==> flow/design.v <==
module gen_mul_rtl #(
  parameter int W = 24
) (
  input logic clk,
  input logic valid,
  input logic [W-1:0] dataa_i,
  input logic [W-1:0] datab_i,
  output logic [2*W-1:0] q_o
);
  logic [W-1:0] dataa_ff;
  logic [W-1:0] datab_ff;
  always_ff @(posedge clk) begin
    if (valid) begin
      dataa_ff <= dataa_i;
      datab_ff <= datab_i;
      q_o <= dataa_ff * datab_ff;
    end
  end
endmodule
# Reports on gen_mul_rtl
# What the tools print for gen_mul_rtl, step after step.
# Line numbers count from 1 in the design file above.
# Operators: Yosys type, input widths -> output width; for muxes data width and select width s.
# Cell names lack the library's common part.
# A cell with -- has no value.
dict set report design {
  top {gen_mul_rtl}
  clock_port {clk}
  cell_library {sky130hd}
  pvt_corner {tt_025C_1v80}
}

# Word level
# Counts by Yosys on the flattened word-level netlist (proc, flatten, opt, wreduce; memories kept). Register bits leave out memories and registers merged into their read ports (data or address); mux counts leave out enables and synchronous resets folded into registers. Print and check cells are left out. Cells with the same type and inputs are merged into one.
dict set report word_totals {
  register_bits 96
  input_bits 50
  output_inout_bits 48
}
dict set report op_classes {
  mul 1
}
# cell n
set op_table {}
lappend op_table {{$mul 24x24->48} 1}

# Longest topological paths
# Yosys ltp: most cells in a row. Word level: on the elaborated netlist, between registers, memories and ports. Mapped: between sequential cells and ports; inverters and the memories' decode and read muxes count.
dict set report depth {
  word_depth 1
  abc_area 0
  depth_mapped 25
  ltp_nobuf 23
}

# Netlist
# Source: synth_stat.txt of the flow (Yosys; design flattened, memories mapped). It holds for the ABC_AREA given above (unset counts as 0); a run with the other value may have another netlist.
dict set report synth_totals {
  cell_count 2330
  area_um2 22213.8
  ffs 96
}
# cell n
set types {}
lappend types {fa_1 482}
lappend types {edfxtp_1 96}
lappend types {ha_1 174}
lappend types {inv_1 554}
lappend types {and2_1 309}
lappend types {nand2_1 320}
lappend types {clkbuf_1 107}
lappend types {a21oi_1 50}
lappend types {xnor2_1 26}
lappend types {a21o_1 26}
lappend types {xor2_1 15}
lappend types {o21ai_0 22}
lappend types {nand4_1 14}
lappend types {nor2_1 23}
lappend types {nor3_1 14}
lappend types {o21a_1 8}
lappend types {o21bai_1 8}
lappend types {buf_2 8}
# Not listed: further types 38, cells in them 74.

# Path before layout
# Path of least setup slack by OpenSTA after synthesis, without wires, with an ideal clock, recovery checks aside; 20% of the period is set as input and as output delay. Where synthesis merged equal registers, the netlist keeps one of their names.
dict set report synth_timing {
  path_kind {register to register}
  startpoint {reg datab_ff[3]}
  endpoint {reg q_o[41]}
  clock_period_ns 8.35
  t_arrival_ns 6.427
  setup_slack_ns 1.668
  path_delay_ns 6.683
  stages 26
  path_buffers 2
  period_less_setup_slack_ns 6.682
}
# "path_delay_ns" = arrival - input delay + setup time.
# "stages" counts driving pins, that of a launching flip-flop among them; a cell with two outputs on the path counts twice.
# "period_less_setup_slack_ns" = period - worst setup slack (recovery checks aside). The figure is calculated, with input and output delays left at 20% of the set period.
# The rows between start and end are the longest chain of elaborated cells between them; the timing report does not say that the signal goes this way. Where chains are equally long, one stands for them.
# Each line given opens the expression or statement behind the cell; cells for indexed reads and writes are added by Yosys, which also makes memories of some case tables.
dict set report synth_via {
  cell_sequence {edfxtp_1 clkbuf_1 nand2_1 fa_1 inv_1 fa_1 inv_1 fa_1 inv_1 fa_1 inv_1 fa_1 inv_1 fa_1 inv_1 fa_1 inv_1 ha_1 buf_2 a21o_1 a31oi_4 inv_2 o31a_1 o21a_1 or4_1 o211a_1}
  elab_chain_len 1
  cone_cells 1
  classes_between {mul (1)}
}
# item line_no
set synth_lines {}
lappend synth_lines {{from (decl)} 11} ;# logic [W-1:0] datab_ff;
lappend synth_lines {{from (assign)} 15} ;# datab_ff <= datab_i;
lappend synth_lines {{$mul 24x24->48} 16} ;# q_o <= dataa_ff * datab_ff;
lappend synth_lines {{to (assign)} 16}
lappend synth_lines {{to (decl)} 8} ;# output logic [2*W-1:0] q_o

# Path in the finished layout
# Path of least setup slack in the final report of run 1 (OpenROAD, finished layout, wires in). Where an end is a register, its clock arrival counts in the times.
dict set report layout_timing {
  path_kind {register to register}
  startpoint {reg dataa_ff[11]}
  endpoint {reg q_o[41]}
  clock_period_ns 4.58
  t_arrival_ns 6.80
  setup_slack_ns -2.05
  stages 21
  path_buffers 2
}
# The rows between start and end are the longest chain of elaborated cells between them; the timing report does not say that the signal goes this way. Where chains are equally long, one stands for them.
dict set report layout_via {
  cell_sequence {edfxtp_1 buf_6 buf_6 and2_1 fa_1 fa_1 inv_1 fa_1 fa_1 inv_2 fa_2 fa_2 fa_1 ha_4 a21o_1 o21bai_2 nor3_1 inv_1 o21a_1 or4_1 o211a_1}
  elab_chain_len 1
  cone_cells 1
  classes_between {mul (1)}
}
# item line_no
set layout_lines {}
lappend layout_lines {{from (decl)} 10} ;# logic [W-1:0] dataa_ff;
lappend layout_lines {{from (assign)} 14} ;# dataa_ff <= dataa_i;
lappend layout_lines {{$mul 24x24->48} 16} ;# q_o <= dataa_ff * datab_ff;
lappend layout_lines {{to (assign)} 16}
lappend layout_lines {{to (decl)} 8} ;# output logic [2*W-1:0] q_o

--- measured runs ---
Top module gen_mul_rtl; platform sky130hd; tools Yosys and OpenROAD; 3 stored runs in no particular order. Input and output delays are each 20% of the period that was set; the output load is 0.01 pF.
"achieved_clock_period_ns" = clock period - worst setup slack. The figure is calculated, with input and output delays left at 20% of the set period.
By "worst_path_time_ns" is meant the share of the clock period that the worst setup path is allowed (20% is reserved at inputs, 20% at outputs), minus its slack. Clock arrival times at its registers enter into it.

[flow] run 1: files
==> flow/run.sh <==
#!/bin/bash
# the make line also repeats the synthesis and layout settings of config.mk as NAME=value (left out here)
make -C /OpenROAD-flow-scripts/flow DESIGN_CONFIG=/design/flow/config.mk WORK_HOME=/design/flow/orfs CLKGATE_MAP_FILE= finish
==> flow/config.mk <==
export PLATFORM = sky130hd
export DESIGN_NAME = gen_mul_rtl
export DESIGN_NICKNAME = gen_mul_rtl
export VERILOG_FILES = /design/flow/design.v
export SDC_FILE = /design/flow/constraint.sdc
export NUM_CORES = 4
export LEC_CHECK = 0
export ABC_AREA = 0
export CAP_MARGIN = 20
export CORE_MARGIN = 2
export CORE_UTILIZATION = 24
export CTS_CLUSTER_SIZE = 48
export GPL_ROUTABILITY_DRIVEN = 0
export MIN_ROUTING_LAYER = met2
export PLACE_DENSITY = 0.65
export SLEW_MARGIN = 0
==> flow/constraint.sdc <==
create_clock -name core_clock -period 4.58 [get_ports {clk}]
set_input_delay 0.9160 -clock core_clock [delete_from_list [all_inputs] [get_ports {clk}]]
set_output_delay 0.9160 -clock core_clock [all_outputs]
set_load 0.01 [all_outputs]

[flow] run 1: metrics
[metrics] achieved_clock_period_ns = 6.634
[metrics] tns_ns = -64.082
[metrics] die_footprint_um2 = 95005.7
[metrics] post_synth_area_um2 = 22213.8
[metrics] worst_path_time_ns = 6.63
[metrics] timing.worst_path_kind = register to register
[metrics] finish.stdcell_area_um2 = 29161.7
[metrics] setup_ws_ns = -2.054
[metrics] fin_util_pct = 31.8
[metrics] worst_hold_slack_ns = 0.949

[flow] run 2: files
==> flow/run.sh <==
#!/bin/bash
# the make line also repeats the synthesis and layout settings of config.mk as NAME=value (left out here)
make -C /OpenROAD-flow-scripts/flow DESIGN_CONFIG=/design/flow/config.mk WORK_HOME=/design/flow/orfs CLKGATE_MAP_FILE= finish
==> flow/config.mk <==
export PLATFORM = sky130hd
export DESIGN_NAME = gen_mul_rtl
export DESIGN_NICKNAME = gen_mul_rtl
export VERILOG_FILES = /design/flow/design.v
export SDC_FILE = /design/flow/constraint.sdc
export NUM_CORES = 4
export LEC_CHECK = 0
export CAP_MARGIN = 20
export CELL_PAD_IN_SITES_DETAIL_PLACEMENT = 2
export CELL_PAD_IN_SITES_GLOBAL_PLACEMENT = 1
export CORE_ASPECT_RATIO = 0.58
export CORE_MARGIN = 7
export CORE_UTILIZATION = 24
export MAX_ROUTING_LAYER = met4
export MIN_ROUTING_LAYER = met2
export PLACE_DENSITY_LB_ADDON = 0.29
export SETUP_SLACK_MARGIN = 0.69
export SLEW_MARGIN = 30
==> flow/constraint.sdc <==
create_clock -name core_clock -period 6.79 [get_ports {clk}]
set_input_delay 1.3580 -clock core_clock [delete_from_list [all_inputs] [get_ports {clk}]]
set_output_delay 1.3580 -clock core_clock [all_outputs]
set_load 0.01 [all_outputs]

[flow] run 2: metrics
[metrics] worst_path_time_ns = 6.90
[metrics] timing.worst_path_kind = register to register
[metrics] worst_hold_slack_ns = 0.847
[metrics] finish.stdcell_area_um2 = 28847.7
[metrics] setup_ws_ns = -0.109
[metrics] post_synth_area_um2 = 22213.8
[metrics] tns_ns = -0.554
[metrics] achieved_clock_period_ns = 6.899
[metrics] die_footprint_um2 = 101589.0
[metrics] fin_util_pct = 31.7

[flow] run 3: files
==> flow/run.sh <==
#!/bin/bash
# the make line also repeats the synthesis and layout settings of config.mk as NAME=value (left out here)
make -C /OpenROAD-flow-scripts/flow DESIGN_CONFIG=/design/flow/config.mk WORK_HOME=/design/flow/orfs CLKGATE_MAP_FILE= finish
==> flow/config.mk <==
export PLATFORM = sky130hd
export DESIGN_NAME = gen_mul_rtl
export DESIGN_NICKNAME = gen_mul_rtl
export VERILOG_FILES = /design/flow/design.v
export SDC_FILE = /design/flow/constraint.sdc
export NUM_CORES = 4
export LEC_CHECK = 0
export CAP_MARGIN = 20
export CORE_MARGIN = 2
export CORE_UTILIZATION = 40
export SLEW_MARGIN = 20
==> flow/constraint.sdc <==
create_clock -name core_clock -period 8.35 [get_ports {clk}]
set_input_delay 1.6700 -clock core_clock [delete_from_list [all_inputs] [get_ports {clk}]]
set_output_delay 1.6700 -clock core_clock [all_outputs]
set_load 0.01 [all_outputs]

[flow] run 3: metrics
[metrics] worst_path_time_ns = 7.57
[metrics] timing.worst_path_kind = register to register
[metrics] finish.stdcell_area_um2 = 24178.2
[metrics] post_synth_area_um2 = 22213.8
[metrics] fin_util_pct = 44.0
[metrics] worst_hold_slack_ns = 1.069
[metrics] setup_ws_ns = 0.783
[metrics] achieved_clock_period_ns = 7.567
[metrics] tns_ns = 0.000
[metrics] die_footprint_um2 = 57434.5
--- end ---
